==> flow/design.v <==
module ex_comparator_v2 #(
   parameter int WIDTH = 8,
   parameter int NUM = 7
) (
   input  logic i_clk,
   input  logic [NUM*WIDTH-1:0] in,
   output logic [WIDTH-1:0] max_o
);
   logic [NUM*WIDTH-1:0] in_r;
   wire [WIDTH-1:0] n_ [1:2*NUM-1];
   for (genvar gi = 0; gi < NUM; gi++) begin : lane
      assign n_[NUM+gi] = in_r[gi*WIDTH +: WIDTH];
   end
   for (genvar gi = 1; gi < NUM; gi++) begin : u_g
      assign n_[gi] = (n_[2*gi] > n_[2*gi+1]) ? n_[2*gi] : n_[2*gi+1];
   end
   assign max_o = n_[1];
   always_ff @(posedge i_clk)
      in_r <= in;
endmodule
* Step by step through the tools: ex_comparator_v2
What the tools print for ex_comparator_v2, step after step.
Lines are those of the file above, counted from 1.
Operators: Yosys type, input widths -> output width; for muxes data width and select width s.
Not given: n/a
- Top module :: ex_comparator_v2
- Clock :: i_clk
- Standard-cell library :: sky130hd
- Library corner :: tt_025C_1v80

* Elaborated design
Source: Yosys, flattened and elaborated. Widths are those after wreduce; folded enables and synchronous resets count as part of the registers. Registers that Yosys merges into a memory's read port (data or address) are not register bits. Print and check cells do not count. Equal cells are merged and count once.
- Bits in registers :: 56
- Output and inout bits :: 8
- Muxes and demuxes :: 6
- Magnitude comparators :: 6
** Operators by type and width (number)
- $gt 8x8->1 :: 6
- $mux 8 :: 6

* Depth
Depth = most cells in a row (Yosys ltp): at word level without a register or memory, in the mapped netlist without a sequential cell, where the memories' decode and read muxes count.
- Depth after elaboration :: 6
- ABC_AREA :: 0
- Gate-level depth with buffers :: 27
- Depth with buffers taken out :: 24

* Synthesis result
Source: synth_stat.txt of the flow (Yosys; design flattened, memories mapped). It holds for the ABC_AREA given above (unset counts as 0); a run with the other value may have another netlist.
** Cells by type
- sky130_fd_sc_hd__dfxtp_1 :: number 56, area in all 1.12E+03 um^2
- sky130_fd_sc_hd__ha_1 :: number 48, area in all 600.576 um^2
- sky130_fd_sc_hd__mux2i_1 :: number 23, area in all 230.221 um^2
- sky130_fd_sc_hd__inv_1 :: number 49, area in all 183.926 um^2
- sky130_fd_sc_hd__a21oi_1 :: number 18, area in all 90.086 um^2
- sky130_fd_sc_hd__mux2_2 :: number 7, area in all 78.826 um^2
- sky130_fd_sc_hd__nor2_1 :: number 19, area in all 71.318 um^2
- sky130_fd_sc_hd__nand4_1 :: number 10, area in all 62.56 um^2
- sky130_fd_sc_hd__a21o_1 :: number 8, area in all 60.058 um^2
- sky130_fd_sc_hd__o211ai_1 :: number 8, area in all 60.058 um^2
- sky130_fd_sc_hd__o21ai_1 :: number 12, area in all 60.058 um^2
- sky130_fd_sc_hd__nand2_1 :: number 14, area in all 52.55 um^2
- sky130_fd_sc_hd__a31oi_1 :: number 8, area in all 50.048 um^2
- sky130_fd_sc_hd__o22ai_4 :: number 2, area in all 40.038 um^2
- sky130_fd_sc_hd__o211ai_2 :: number 3, area in all 37.536 um^2
- sky130_fd_sc_hd__nor2b_1 :: number 5, area in all 31.28 um^2
- sky130_fd_sc_hd__nand4_2 :: number 2, area in all 25.024 um^2
- sky130_fd_sc_hd__mux2i_4 :: number 1, area in all 22.522 um^2
Other cell types: 19; their cells: 23.
- Sequential part of the area :: 0.0011211 mm^2
- Cell count :: 316
- Mapped flip-flops :: 56
- Buffer cells :: 5
- Synthesis area :: 0.0030667 mm^2

* Timing after synthesis
Source: OpenSTA report_checks on the synthesized netlist (no wires, ideal clock, input and output delay 20% of the period each), path of least setup slack; recovery checks are left aside. Register names are those of the netlist, which keeps one name where synthesis merged equal registers.
- Path kind :: reg2out
- Start :: register in_r[17]
- End :: output port max_o[1]
- Setup slack :: 1082 ps
- Clock period :: 6780 ps
- Data arrival time :: 4342 ps
- Stages :: 24
- Path delay :: 4342 ps
- Required time :: 5424 ps
- Time at the first pin :: 0 ps
- Synthesis period reached :: 5698 ps
"path delay" = arrival - input delay + setup time.
At an output port there is no setup time.
"stages" counts driving pins, that of a launching flip-flop among them; a cell with two outputs on the path counts twice.
"synthesis period reached" is the clock period less the worst setup slack; recovery checks do not enter. This is arithmetic on one report: input and output delays are still those of the set period (20% each).
The rows between start and end are the longest chain of elaborated cells between them; the timing report does not say that the signal goes this way. Where chains are equally long, one stands for them.
A line is the first line of the expression or statement that the cell stems from. Yosys adds cells for indexed reads and writes and turns some case tables into memories.
- Cell sequence :: sky130_fd_sc_hd__dfxtp_1 sky130_fd_sc_hd__inv_1 sky130_fd_sc_hd__ha_1 sky130_fd_sc_hd__nor2b_4 sky130_fd_sc_hd__o211ai_2 sky130_fd_sc_hd__a21oi_2 sky130_fd_sc_hd__o22ai_4 sky130_fd_sc_hd__mux2i_1 sky130_fd_sc_hd__inv_1 sky130_fd_sc_hd__ha_1 sky130_fd_sc_hd__nor2b_1 sky130_fd_sc_hd__o211ai_1 sky130_fd_sc_hd__a21oi_1 sky130_fd_sc_hd__o22ai_2 sky130_fd_sc_hd__mux2_4 sky130_fd_sc_hd__ha_1 sky130_fd_sc_hd__nor2b_1 sky130_fd_sc_hd__o21ai_1 sky130_fd_sc_hd__nand2b_1 sky130_fd_sc_hd__a21oi_1 sky130_fd_sc_hd__o21ai_1 sky130_fd_sc_hd__o21a_1 sky130_fd_sc_hd__clkbuf_1 sky130_fd_sc_hd__mux2_2
- Length of the longest elaborated chain :: 6
- Elaborated cells between the ends (all ways) :: 6
- RTL lines with such cells :: 1
- Classes of those cells :: compare: 3; mux: 3
** Ends and longest elaborated chain, post-synthesis
- start: declaration :: line 9 : logic [NUM*WIDTH-1:0] in_r;
- start: assignment :: line 19 : in_r <= in;
- $gt 8x8->1 :: line 15 : assign n_[gi] = (n_[2*gi] > n_[2*gi+1]) ? n_[2*gi] : n_[2*gi+1];
- $mux 8 :: line 15
- $gt 8x8->1 :: line 15
- $mux 8 :: line 15
- $gt 8x8->1 :: line 15
- $mux 8 :: line 15
- end: declaration :: line 7 : output logic [WIDTH-1:0] max_o

* Timing after layout
From the final timing report of stored run 1: the path of least setup slack in the routed layout; clock arrival at registers is part of the times.
The report prints the path's times to 10 ps; the period is as set.
- Path kind :: reg2out
- Start :: register in_r[49]
- End :: output port max_o[3]
- Stages :: 26
- Time at the first pin :: 300 ps
- Data arrival time :: 5120 ps
- Required time :: 5420 ps
- Clock period :: 6780 ps
- Setup slack :: 310 ps
The rows between start and end are the longest chain of elaborated cells between them; the timing report does not say that the signal goes this way. Where chains are equally long, one stands for them.
- Cell sequence :: sky130_fd_sc_hd__dfxtp_1 sky130_fd_sc_hd__inv_1 sky130_fd_sc_hd__ha_1 sky130_fd_sc_hd__nor2b_1 sky130_fd_sc_hd__o211ai_1 sky130_fd_sc_hd__nand2_2 sky130_fd_sc_hd__a31oi_1 sky130_fd_sc_hd__o211a_1 sky130_fd_sc_hd__inv_1 sky130_fd_sc_hd__ha_1 sky130_fd_sc_hd__nor2b_1 sky130_fd_sc_hd__o211ai_2 sky130_fd_sc_hd__a21oi_2 sky130_fd_sc_hd__o32a_4 sky130_fd_sc_hd__nor2_1 sky130_fd_sc_hd__a21o_1 sky130_fd_sc_hd__inv_1 sky130_fd_sc_hd__ha_1 sky130_fd_sc_hd__a21oi_1 sky130_fd_sc_hd__nor2_1 sky130_fd_sc_hd__a211oi_2 sky130_fd_sc_hd__o21ai_1 sky130_fd_sc_hd__o21a_1 sky130_fd_sc_hd__buf_4 sky130_fd_sc_hd__mux2_2 sky130_fd_sc_hd__clkdlybuf4s50_1
- Length of the longest elaborated chain :: 6
- Elaborated cells between the ends (all ways) :: 6
- RTL lines with such cells :: 1
- Classes of those cells :: compare: 3; mux: 3
** Ends and longest elaborated chain, after layout
- start: declaration :: line 9 : logic [NUM*WIDTH-1:0] in_r;
- start: assignment :: line 19 : in_r <= in;
- $gt 8x8->1 :: line 15 : assign n_[gi] = (n_[2*gi] > n_[2*gi+1]) ? n_[2*gi] : n_[2*gi+1];
- $mux 8 :: line 15
- $gt 8x8->1 :: line 15
- $mux 8 :: line 15
- $gt 8x8->1 :: line 15
- $mux 8 :: line 15
- end: declaration :: line 7 : output logic [WIDTH-1:0] max_o

# Flow runs of ex_comparator_v2

Flow measurements of ex_comparator_v2 on sky130hd: 3 stored runs with different settings, listed in no order. Input and output delays are each 20% of the period that was set; the output load is 0.01 pF.
"clock period achieved" = clock period - worst setup slack. The figure is calculated, with input and output delays left at 20% of the set period.
"time used up by the worst setup path" = time allowed to the worst setup path (clock period - input delay - output delay, where it has them) - its slack; a late launch clock adds to it, a late capture clock takes from it.
"total power of the final layout": no workload was simulated; the value follows from the tool's default switching activity.
"time used up by the worst setup path" is given in steps of 10 ps.

** Stored run 1
- Settings :: period_ns=6.78; CAP_MARGIN=20; CORE_MARGIN=2; CORE_UTILIZATION=40; SLEW_MARGIN=20
- Synthesis area :: 0.0030667 mm^2
- Total die area :: 0.0083832 mm^2
- Area of the standard cells in the finished layout :: 0.004124 mm^2
- Utilization after routing :: 56.3 %
- Worst setup slack after layout :: 305 ps
- Post-route setup TNS :: 0 ps
- Lowest hold slack :: 1481 ps
- Total power of the final layout :: 0.0009901 W
- Clock period achieved :: 6475 ps
- Time used up by the worst setup path :: 5120 ps
- Worst setup path type :: reg2out

** Stored run 2
- Settings :: period_ns=5.93; CORE_UTILIZATION=64; PLACE_DENSITY_LB_ADDON=0.01; ABC_AREA=0; GPL_TIMING_DRIVEN=1; CAP_MARGIN=40; CORE_MARGIN=2; SLEW_MARGIN=20
- Outcome :: did not finish, routing stopped with DPL-0038

** Stored run 3
- Settings :: period_ns=3.37; CORE_UTILIZATION=33; SETUP_SLACK_MARGIN=0.75; GPL_TIMING_DRIVEN=0; GPL_ROUTABILITY_DRIVEN=1; CTS_CLUSTER_DIAMETER=29; MIN_ROUTING_LAYER=met1; MAX_ROUTING_LAYER=met4; CAP_MARGIN=20; CORE_MARGIN=2; SLEW_MARGIN=20
- Synthesis area :: 0.0030667 mm^2
- Total die area :: 0.0100802 mm^2
- Area of the standard cells in the finished layout :: 0.004652 mm^2
- Utilization after routing :: 51.1 %
- Worst setup slack after layout :: -1985 ps
- Post-route setup TNS :: -15761 ps
- Lowest hold slack :: 784 ps
- Total power of the final layout :: 0.002326 W
- Clock period achieved :: 5355 ps
- Time used up by the worst setup path :: 4680 ps
- Worst setup path type :: reg2out
